==> flow/design.v <==
module mplex_top #(
   parameter BITS = 6,
   parameter NUM = 7,
   parameter LOGN = $clog2(NUM)
) (
   input i_clk,
   input RSTN,
   input [NUM*BITS-1:0] ch_i,
   input [LOGN-1:0] sel_i,
   output [BITS-1:0] y_o
);
   reg [NUM*BITS-1:0] ch_ff;
   reg [LOGN-1:0] sel_ff;
   always @(posedge i_clk) begin
      if (~RSTN) begin
         ch_ff <= 0;
         sel_ff <= 0;
      end else begin
         ch_ff <= ch_i;
         sel_ff <= sel_i;
      end
   end
   reg [BITS-1:0] tmp;
   integer idx;
   always @* begin
      tmp = 0;
      for (idx = 0; idx < NUM; idx = idx + 1)
         if (sel_ff == idx) tmp = ch_ff[idx*BITS +: BITS];
   end
   assign y_o = tmp;
endmodule
--- tool output ---
Reports on mplex_top. A sweep over "BITS": the same steps for each member of the family. The file above is the member BITS = 6. Line numbers count from 1 in each member's own file. Operators carry their Yosys type and port widths (W data, S select, Z words). Library cell names are shortened. The mark n/a stands for no value.

Design top: mplex_top. Clock port: i_clk. Library: sky130hd. Library corner: tt_025C_1v80.

Members of the sweep. Lines of each other member's file that are new or changed against the file above; lines that a member lacks are not shown.

Lines new or changed: BITS 10 (RTL line 2) `parameter BITS = 10,`; BITS 12 (RTL line 2) `parameter BITS = 12,`; BITS 24 (RTL line 2) `parameter BITS = 24,`; BITS 32 (RTL line 2) `parameter BITS = 32,`; BITS 64 (RTL line 2) `parameter BITS = 64,`.

After elaboration. Yosys after proc, flatten, opt, wreduce and memory -nomap, before mapping. Enables and synchronous resets that opt folds into registers are not counted as muxes. Memory bits, and registers merged into a memory's read port (data or address), are not among the register bits. Print and check cells are not counted. Equal cells are merged and count once.

Operators by class: BITS 6 (eq/ne operators 6, mux-type cells 7, reduce/logical cells 1); BITS 10 (eq/ne operators 6, mux-type cells 7, reduce/logical cells 1); BITS 12 (eq/ne operators 6, mux-type cells 7, reduce/logical cells 1); BITS 24 (eq/ne operators 6, mux-type cells 7, reduce/logical cells 1); BITS 32 (eq/ne operators 6, mux-type cells 7, reduce/logical cells 1); BITS 64 (eq/ne operators 6, mux-type cells 7, reduce/logical cells 1).

Operators by type and width (kind and count): BITS 6 ($mux W6: 7; $eq A3 B3 Y1 const B: 3; $eq A3 B2 Y1 const B: 2; $eq A3 B1 Y1 const B: 1; $logic_not A3 Y1: 1); BITS 10 ($mux W10: 7; $eq A3 B3 Y1 const B: 3; $eq A3 B2 Y1 const B: 2; $eq A3 B1 Y1 const B: 1; $logic_not A3 Y1: 1); BITS 12 ($mux W12: 7; $eq A3 B3 Y1 const B: 3; $eq A3 B2 Y1 const B: 2; $eq A3 B1 Y1 const B: 1; $logic_not A3 Y1: 1); BITS 24 ($mux W24: 7; $eq A3 B3 Y1 const B: 3; $eq A3 B2 Y1 const B: 2; $eq A3 B1 Y1 const B: 1; $logic_not A3 Y1: 1); BITS 32 ($mux W32: 7; $eq A3 B3 Y1 const B: 3; $eq A3 B2 Y1 const B: 2; $eq A3 B1 Y1 const B: 1; $logic_not A3 Y1: 1); BITS 64 ($mux W64: 7; $eq A3 B3 Y1 const B: 3; $eq A3 B2 Y1 const B: 2; $eq A3 B1 Y1 const B: 1; $logic_not A3 Y1: 1).

Word-level totals: BITS 6 (flip-flop bits (word level) 45, word-level cells 16); BITS 10 (flip-flop bits (word level) 73, word-level cells 16); BITS 12 (flip-flop bits (word level) 87, word-level cells 16); BITS 24 (flip-flop bits (word level) 171, word-level cells 16); BITS 32 (flip-flop bits (word level) 227, word-level cells 16); BITS 64 (flip-flop bits (word level) 451, word-level cells 16).

Depth. Depth = most cells in a row (Yosys ltp): at word level without a register or memory, in the mapped netlist without a sequential cell, where the memories' decode and read muxes count.

Logic depth: BITS 6 (depth after elaboration 8, ABC_AREA 0, depth in mapped cells 6, gate-level depth less buffers 4); BITS 10 (depth after elaboration 8, ABC_AREA 0, depth in mapped cells 6, gate-level depth less buffers 4); BITS 12 (depth after elaboration 8, ABC_AREA 0, depth in mapped cells 6, gate-level depth less buffers 4); BITS 24 (depth after elaboration 8, ABC_AREA 0, depth in mapped cells 7, gate-level depth less buffers 4); BITS 32 (depth after elaboration 8, ABC_AREA 0, depth in mapped cells 6, gate-level depth less buffers 4); BITS 64 (depth after elaboration 8, ABC_AREA 0, depth in mapped cells 6, gate-level depth less buffers 4).

Synthesis result. Source: synth_stat.txt of the flow (Yosys; design flattened, memories mapped). It holds for the ABC_AREA given above (unset counts as 0); a run with the other value may have another netlist.

Synthesis totals: BITS 6 (cells in the netlist 153, mapped area 1650.3 µm², area of sequential cells 900.9 µm², flip-flop cells 45, buffer cells 10); BITS 10 (cells in the netlist 251, mapped area 2755.1 µm², area of sequential cells 1461.4 µm², flip-flop cells 73, buffer cells 20); BITS 12 (cells in the netlist 296, mapped area 3264.4 µm², area of sequential cells 1741.7 µm², flip-flop cells 87, buffer cells 23); BITS 24 (cells in the netlist 587, mapped area 6431.2 µm², area of sequential cells 3423.3 µm², flip-flop cells 171, buffer cells 50); BITS 32 (cells in the netlist 780, mapped area 8516.9 µm², area of sequential cells 4544.4 µm², flip-flop cells 227, buffer cells 67); BITS 64 (cells in the netlist 1550, mapped area 16942.5 µm², area of sequential cells 9028.7 µm², flip-flop cells 451, buffer cells 133).

Cells by type (type and count): BITS 6 (dfxtp_1: 45; and2_1: 45; mux2_2: 6; mux2i_1: 6; o2bb2ai_1: 6; o32ai_1: 6; a221oi_1: 5; nand2b_1: 7; a21oi_1: 6; buf_6: 2; nor2_1: 6; a221oi_2: 1; buf_2: 3; clkbuf_1: 4; buf_4: 1; and3_1: 1; nor2b_1: 1; inv_1: 1; nand2_1: 1); BITS 10 (dfxtp_1: 73; and2_1: 73; a221oi_2: 10; mux2_2: 10; mux2i_1: 10; o2bb2ai_1: 10; o32ai_1: 10; nand2b_1: 11; a21oi_1: 10; nor2_1: 10; clkbuf_1: 9; buf_4: 3; buf_6: 2; buf_12: 1; buf_2: 4; and3_1: 1; nor2b_1: 1; buf_1: 1; [+2]); BITS 12 (dfxtp_1: 87; and2_1: 87; a221oi_2: 10; mux2i_1: 12; o2bb2ai_1: 11; o32ai_1: 11; mux2_2: 8; nand2b_1: 12; buf_6: 6; a21oi_1: 12; clkbuf_1: 12; nor2_1: 12; mux2_1: 3; mux4_2: 1; buf_2: 3; buf_4: 2; and3_4: 1; and2b_4: 1; [+5]); BITS 24 (dfxtp_1: 171; and2_1: 171; a221oi_2: 20; mux2_2: 23; mux2i_1: 24; o2bb2ai_1: 23; o32ai_1: 23; nand2b_1: 24; a21oi_1: 24; buf_6: 10; nor2_1: 24; clkbuf_1: 22; buf_2: 13; buf_4: 5; a221oi_1: 3; mux4_2: 1; nand2_1: 2; and3_1: 1; [+3]); BITS 32 (dfxtp_1: 227; and2_1: 227; a221oi_2: 30; mux2_2: 31; mux2i_1: 32; o2bb2ai_1: 31; o32ai_1: 31; nand2b_1: 32; a21oi_1: 32; clkbuf_1: 32; nor2_1: 32; buf_2: 21; buf_6: 6; buf_4: 7; mux4_2: 1; a221oi_1: 1; nand2_1: 2; and3_1: 1; [+4]); BITS 64 (dfxtp_1: 451; and2_1: 451; a221oi_2: 61; mux2_2: 63; mux2i_1: 64; o2bb2ai_1: 63; o32ai_1: 63; nand2b_1: 64; a21oi_1: 64; clkbuf_1: 71; nor2_1: 64; buf_2: 39; buf_6: 15; buf_4: 8; mux4_2: 1; a221oi_1: 2; and3_1: 1; nand2_2: 1; [+4]).

A list marked [+n] leaves out that many cells.

Path before layout. Source: OpenSTA report_checks on the synthesized netlist (no wires, ideal clock, input and output delay 20% of the period each), path of least setup slack; recovery checks are left aside. Register names are those of the netlist, which keeps one name where synthesis merged equal registers.

Path after synthesis: BITS 6 (path kind reg-to-output, start point reg sel_ff[1], end point out y_o[4], period 1.74 ns, path slack 0.278 ns, driving pins on the path 7, delay of the path 1.114 ns, period reached after synthesis 1.462 ns); BITS 10 (path kind reg-to-output, start point reg sel_ff[1], end point out y_o[0], period 1.7 ns, path slack 0.269 ns, driving pins on the path 7, delay of the path 1.091 ns, period reached after synthesis 1.431 ns); BITS 12 (path kind reg-to-output, start point reg sel_ff[1], end point out y_o[5], period 1.8 ns, path slack 0.285 ns, driving pins on the path 6, delay of the path 1.155 ns, period reached after synthesis 1.515 ns); BITS 24 (path kind reg-to-output, start point reg sel_ff[1], end point out y_o[18], period 1.87 ns, path slack 0.298 ns, driving pins on the path 7, delay of the path 1.198 ns, period reached after synthesis 1.572 ns); BITS 32 (path kind reg-to-output, start point reg sel_ff[1], end point out y_o[10], period 1.86 ns, path slack 0.296 ns, driving pins on the path 7, delay of the path 1.192 ns, period reached after synthesis 1.564 ns); BITS 64 (path kind reg-to-output, start point reg sel_ff[1], end point out y_o[10], period 1.97 ns, path slack 0.316 ns, driving pins on the path 6, delay of the path 1.260 ns, period reached after synthesis 1.654 ns).

"delay of the path" is the arrival time less input delay plus setup time. A path that ends at an output port has no setup time. "driving pins on the path" counts driving pins, that of a launching flip-flop among them; a cell with two outputs on the path counts twice. "period reached after synthesis" = period - worst setup slack (recovery checks aside). The figure is calculated, with input and output delays left at 20% of the set period. The rows between start and end are the longest chain of elaborated cells between them; the timing report does not say that the signal goes this way. Where chains are equally long, one stands for them. Each line given opens the expression or statement behind the cell; cells for indexed reads and writes are added by Yosys, which also makes memories of some case tables.

On the way, after synthesis, BITS = 6:
Cells in the longest elaborated chain: 8.

Ends and longest elaborated chain, after synthesis, BITS = 6: start, declared (RTL line 13) `reg [LOGN-1:0] sel_ff;`; start, assigned (RTL line 17) `sel_ff <= 0;`; start, assigned (RTL line 20) `sel_ff <= sel_i;`; $logic_not A3 Y1 (RTL line 28) `if (sel_ff == idx) tmp = ch_ff[idx*BITS +: BITS];`; $mux W6 x7 (RTL line 28); end, declared (RTL line 10) `output [BITS-1:0] y_o`.

On the way, after synthesis, BITS = 64:
Cells in the longest elaborated chain: 8.

Ends and longest elaborated chain, after synthesis, BITS = 64: start, declared (RTL line 13) `reg [LOGN-1:0] sel_ff;`; start, assigned (RTL line 17) `sel_ff <= 0;`; start, assigned (RTL line 20) `sel_ff <= sel_i;`; $logic_not A3 Y1 (RTL line 28) `if (sel_ff == idx) tmp = ch_ff[idx*BITS +: BITS];`; $mux W64 x7 (RTL line 28); end, declared (RTL line 10) `output [BITS-1:0] y_o`.

Path in the finished layout. From the final timing report of each member's run: the path of least setup slack in the routed layout; clock arrival at registers is part of the times.

Path post-layout: BITS 6 (path kind reg-to-output, start point reg sel_ff[1], end point out y_o[2], period 1.74 ns, path slack -0.16 ns, driving pins on the path 7, arrival time 1.55 ns, path buffers 2); BITS 10 (path kind reg-to-output, start point reg sel_ff[1], end point out y_o[7], period 1.7 ns, path slack -0.32 ns, driving pins on the path 7, arrival time 1.68 ns, path buffers 2); BITS 12 (path kind reg-to-output, start point reg sel_ff[1], end point out y_o[11], period 1.8 ns, path slack -0.29 ns, driving pins on the path 7, arrival time 1.73 ns, path buffers 2); BITS 24 (path kind reg-to-output, start point reg sel_ff[1], end point out y_o[21], period 1.87 ns, path slack -0.44 ns, driving pins on the path 8, arrival time 1.93 ns, path buffers 3); BITS 32 (path kind reg-to-output, start point reg sel_ff[1], end point out y_o[15], period 1.86 ns, path slack -0.62 ns, driving pins on the path 9, arrival time 2.11 ns, path buffers 4); BITS 64 (path kind reg-to-output, start point reg sel_ff[1], end point out y_o[35], period 1.97 ns, path slack -0.63 ns, driving pins on the path 10, arrival time 2.21 ns, path buffers 5).

Measured runs. Settings and results of one run of the flow (Yosys, OpenROAD) for each member follow. The constraints put input and output delay at 20% of the set period each and load the outputs with 0.01 pF.

CAP_MARGIN: 20. The entry for CORE_MARGIN reads 2. The figure for CORE_UTILIZATION is 40. Under SLEW_MARGIN stands 20.

Settings that differ (period_ns): BITS 6 (1.74); BITS 10 (1.7); BITS 12 (1.8); BITS 24 (1.87); BITS 32 (1.86); BITS 64 (1.97).

Measured results: BITS 6 (cell area after synthesis 1650.3 µm², die area 4655.3 µm², standard-cell area of the final layout 2447.3 µm², utilization 61.6%, setup slack of the worst path -0.160 ns, worst hold slack after layout 0.628 ns, overall power 2.035 mW, clock period achieved 1.900 ns); BITS 10 (cell area after synthesis 2755.1 µm², die area 7568.1 µm², standard-cell area of the final layout 3948.8 µm², utilization 58.8%, setup slack of the worst path -0.316 ns, worst hold slack after layout 0.565 ns, overall power 3.657 mW, clock period achieved 2.016 ns); BITS 12 (cell area after synthesis 3264.4 µm², die area 8899.1 µm², standard-cell area of the final layout 4977.3 µm², utilization 63.7%, setup slack of the worst path -0.295 ns, worst hold slack after layout 0.517 ns, overall power 4.176 mW, clock period achieved 2.095 ns); BITS 24 (cell area after synthesis 6431.2 µm², die area 17108.6 µm², standard-cell area of the final layout 10163.5 µm², utilization 64.2%, setup slack of the worst path -0.438 ns, worst hold slack after layout 0.453 ns, overall power 8.510 mW, clock period achieved 2.308 ns); BITS 32 (cell area after synthesis 8516.9 µm², die area 22476.0 µm², standard-cell area of the final layout 13973.4 µm², utilization 66.7%, setup slack of the worst path -0.620 ns, worst hold slack after layout 0.370 ns, overall power 12.461 mW, clock period achieved 2.480 ns); BITS 64 (cell area after synthesis 16942.5 µm², die area 44018.1 µm², standard-cell area of the final layout 26940.8 µm², utilization 64.4%, setup slack of the worst path -0.634 ns, worst hold slack after layout 0.352 ns, overall power 22.369 mW, clock period achieved 2.604 ns).

"clock period achieved": clock period set for the run, less the worst setup slack. It is reckoned from that one timing run; input and output delays stay at 20% of the period that was set. "overall power" is the tool's figure for a default switching activity; nothing was simulated.
--- end ---
